==> flow/design.v <==
module cmp_v2 #(
    parameter integer DW = 7,
    parameter integer COUNT = 3
) (
    input wire clk_i,
    input wire en,
    input wire [COUNT*DW-1:0] src,
    output reg [DW-1:0] max_o
);
    wire [DW-1:0] n_ [1:2*COUNT-1];
    genvar ii;
    generate
        for (ii = 0; ii < COUNT; ii = ii + 1) begin : blk
            assign n_[COUNT+ii] = src[ii*DW +: DW];
        end
        for (ii = 1; ii < COUNT; ii = ii + 1) begin : slice
            assign n_[ii] = (n_[2*ii] > n_[2*ii+1]) ? n_[2*ii] : n_[2*ii+1];
        end
    endgenerate
    always @(posedge clk_i) begin
        if (en) begin
            max_o <= n_[1];
        end
    end
endmodule
# ---- From RTL to reports: cmp_v2
# What the tools print for cmp_v2, step after step.
# Line numbers count from 1 in the design file above.
# Cell names lack the library's common part.
# A cell with n/a has no value.
dict set report design {
  design {cmp_v2}
  clock_port {clk_i}
  lib {sky130hd}
  pvt_corner {tt_025C_1v80}
}

# ---- Word-level counts
# Counts by Yosys on the flattened word-level netlist (proc, flatten, opt, wreduce; memories kept). Register bits leave out memories and registers merged into their read ports (data or address); mux counts leave out enables and synchronous resets folded into registers. Print and check cells are left out. Cells with the same type and inputs are merged into one.
dict set report op_classes {
  muxes 2
  compare 2
}
# cell count
set ops {}
lappend ops {{7-bit greater-than comparator} 2}
lappend ops {{7-bit 2-to-1 mux} 2}
dict set report word_totals {
  register_bits 7
  word_cells 5
  inputBits 23
}

# ---- Longest topological paths
# Depth = most cells in a row (Yosys ltp): at word level without a register or memory, in the mapped netlist without a sequential cell, where the memories' decode and read muxes count.
dict set report depth {
  word_depth 4
  ABC_AREA 0
  depth_mapped 12
  mapped_depth_nobuf 12
}

# ---- Synthesis result
# Source: synth_stat.txt of the flow (Yosys; design flattened, memories mapped). It holds for the ABC_AREA given above (unset counts as 0); a run with the other value may have another netlist.
# cell count area_total_um2
set types {}
lappend types {edfxtp_1 7 210.202}
lappend types {ha_1 14 175.168}
lappend types {mux2_2 11 123.869}
lappend types {inv_1 13 48.797}
lappend types {a21oi_1 5 25.024}
lappend types {nand3b_1 2 15.014}
lappend types {o21ai_0 3 15.014}
lappend types {nand4_1 2 12.512}
lappend types {o22ai_2 1 12.512}
lappend types {o31ai_2 1 12.512}
lappend types {mux2i_1 1 10.01}
lappend types {nand3_1 2 10.01}
lappend types {a21oi_2 1 8.758}
lappend types {a211oi_1 1 7.507}
lappend types {nand2_1 2 7.507}
lappend types {o31ai_1 1 7.507}
lappend types {or2_2 1 6.256}
lappend types {nor3_1 1 5.005}
# Not listed: further types 2, cells in them 2.
dict set report mapped {
  flip_flops 7
  area_mm2 0.0007219
  seqArea_mm2 0.0002102
  n_buf 0
  cell_count 71
}

# ---- Timing after synthesis
# OpenSTA on the mapped netlist: ideal clock, no wires. The path of least setup slack (recovery checks aside). Input and output delay are each 20% of the period. Register names are those of the netlist, which keeps one name where synthesis merged equal registers.
dict set report synth_timing {
  path_kind {input port to flip-flop}
  startpoint {in src[16]}
  endpoint {reg max_o[1]}
  t_first_pin_ns 0.892
  input_delay_ns 0.892
  stages 11
  path_slack_ns 0.713
  path_delay_ns 2.855
  period_ns 4.46
  arrival_ns 3.487
  synth_period_reached_ns 3.747
}
# "path_delay_ns" is the arrival time less input delay plus setup time.
# "stages" counts driving pins, that of a launching flip-flop among them; a cell with two outputs on the path counts twice.
# "synth_period_reached_ns" = period - worst setup slack (recovery checks aside). The figure is calculated, with input and output delays left at 20% of the set period.
# Between the ends stands the longest chain of elaborated cells between them, by number of cells; it is not shown to be the way that was timed. Of several equally long chains one is given.
# Each line given opens the expression or statement behind the cell; cells for indexed reads and writes are added by Yosys, which also makes memories of some case tables.
dict set report synth_via {
  path_cell_list {inv_1 ha_1 a21oi_1 a21oi_2 o22ai_2 mux2_2 ha_1 a21oi_1 a21oi_1 o31ai_2 mux2_2}
  elab_chain_len 4
}
# element line_no
set synth_lines {}
lappend synth_lines {{start: declaration} 7} ;# input wire [COUNT*DW-1:0] src,
lappend synth_lines {{7-bit greater-than comparator} 17} ;# assign n_[ii] = (n_[2*ii] > n_[2*ii+1]) ? n_[2*ii] : n_[2*ii+1];
lappend synth_lines {{7-bit 2-to-1 mux} 17}
lappend synth_lines {{7-bit greater-than comparator} 17}
lappend synth_lines {{7-bit 2-to-1 mux} 17}
lappend synth_lines {{end: assignment} 22} ;# max_o <= n_[1];
lappend synth_lines {{end: declaration} 8} ;# output reg [DW-1:0] max_o

# ---- Worst path after layout
# Path of least setup slack in the final report of flow run A (OpenROAD, finished layout, wires in). Where an end is a register, its clock arrival counts in the times.
dict set report layout_timing {
  path_kind {input port to flip-flop}
  startpoint {in src[16]}
  endpoint {reg max_o[2]}
  period_ns 4.46
  t_first_pin_ns 0.89
  input_delay_ns 0.89
  arrival_ns 4.07
  stages 13
  path_slack_ns 0.39
}
# Between the ends stands the longest chain of elaborated cells between them, by number of cells; it is not shown to be the way that was timed. Of several equally long chains one is given.
dict set report layout_via {
  path_cell_list {clkdlybuf4s50_1 inv_1 ha_1 a21oi_1 a21oi_2 o22ai_2 mux2_2 ha_1 a21oi_1 a21oi_1 o31ai_2 buf_4 mux2_2}
  elab_chain_len 4
}
# element line_no
set layout_lines {}
lappend layout_lines {{start: declaration} 7} ;# input wire [COUNT*DW-1:0] src,
lappend layout_lines {{7-bit greater-than comparator} 17} ;# assign n_[ii] = (n_[2*ii] > n_[2*ii+1]) ? n_[2*ii] : n_[2*ii+1];
lappend layout_lines {{7-bit 2-to-1 mux} 17}
lappend layout_lines {{7-bit greater-than comparator} 17}
lappend layout_lines {{7-bit 2-to-1 mux} 17}
lappend layout_lines {{end: assignment} 22} ;# max_o <= n_[1];
lappend layout_lines {{end: declaration} 8} ;# output reg [DW-1:0] max_o

; Measured data: module cmp_v2, platform sky130hd, 3 stored runs of the flow under differing settings, order arbitrary. Input and output delays are each 20% of the period that was set; the output load is 0.01 pF.
; "worst_setup_path_time_ns" means the part of the period allowed to the worst setup path (the constraints hold back 20% at inputs and 20% at outputs) less its slack; where the path has registers, the arrival times of their clocks count too.
; By "design_power_mw" is meant OpenSTA's value without simulated activity: inputs other than the clock are taken to toggle once in ten clock periods, and the tool carries that through the logic.

[flow run A: settings]
period_ns = 4.46
CAP_MARGIN = 20
CORE_MARGIN = 2
CORE_UTILIZATION = 40
SLEW_MARGIN = 20
[flow run A: results]
cell_area_final_mm2 = 0.0010848
worstSetupSlack_ns = 0.389
worst_setup_path_time_ns = 3.18
critical_path_kind = input port to flip-flop
synth_chip_area_mm2 = 0.0007219
fin_hold_ws_ns = 1.353
final_die_area_mm2 = 0.0021609
design_power_mw = 0.2698
setup_tns_ns = 0.000

[flow run B: settings]
period_ns = 5.19
CORE_UTILIZATION = 36
PLACE_DENSITY_LB_ADDON = 0.15
CORE_ASPECT_RATIO = 1.09
CELL_PAD_IN_SITES_GLOBAL_PLACEMENT = 2
CELL_PAD_IN_SITES_DETAIL_PLACEMENT = 0
CTS_CLUSTER_SIZE = 75
CTS_CLUSTER_DIAMETER = 309
MIN_ROUTING_LAYER = met2
MAX_ROUTING_LAYER = met5
CAP_MARGIN = 20
CORE_MARGIN = 2
SLEW_MARGIN = 20
[flow run B: results]
cell_area_final_mm2 = 0.0010723
worstSetupSlack_ns = 0.747
worst_setup_path_time_ns = 3.41
critical_path_kind = input port to flip-flop
synth_chip_area_mm2 = 0.0007219
fin_hold_ws_ns = 1.500
final_die_area_mm2 = 0.0023802
design_power_mw = 0.2281
setup_tns_ns = 0.000

[flow run C: settings]
period_ns = 4.54
CORE_UTILIZATION = 27
PLACE_DENSITY_LB_ADDON = 0.21
CORE_ASPECT_RATIO = 1.98
CELL_PAD_IN_SITES_DETAIL_PLACEMENT = 2
TNS_END_PERCENT = 50
GPL_TIMING_DRIVEN = 0
CTS_CLUSTER_DIAMETER = 87
MIN_ROUTING_LAYER = met2
MAX_ROUTING_LAYER = met4
CAP_MARGIN = 20
CORE_MARGIN = 2
SLEW_MARGIN = 20
[flow run C: results]
cell_area_final_mm2 = 0.0011011
worstSetupSlack_ns = 0.205
worst_setup_path_time_ns = 3.43
critical_path_kind = input port to flip-flop
synth_chip_area_mm2 = 0.0007219
fin_hold_ws_ns = 1.414
final_die_area_mm2 = 0.003128
design_power_mw = 0.3049
setup_tns_ns = 0.000
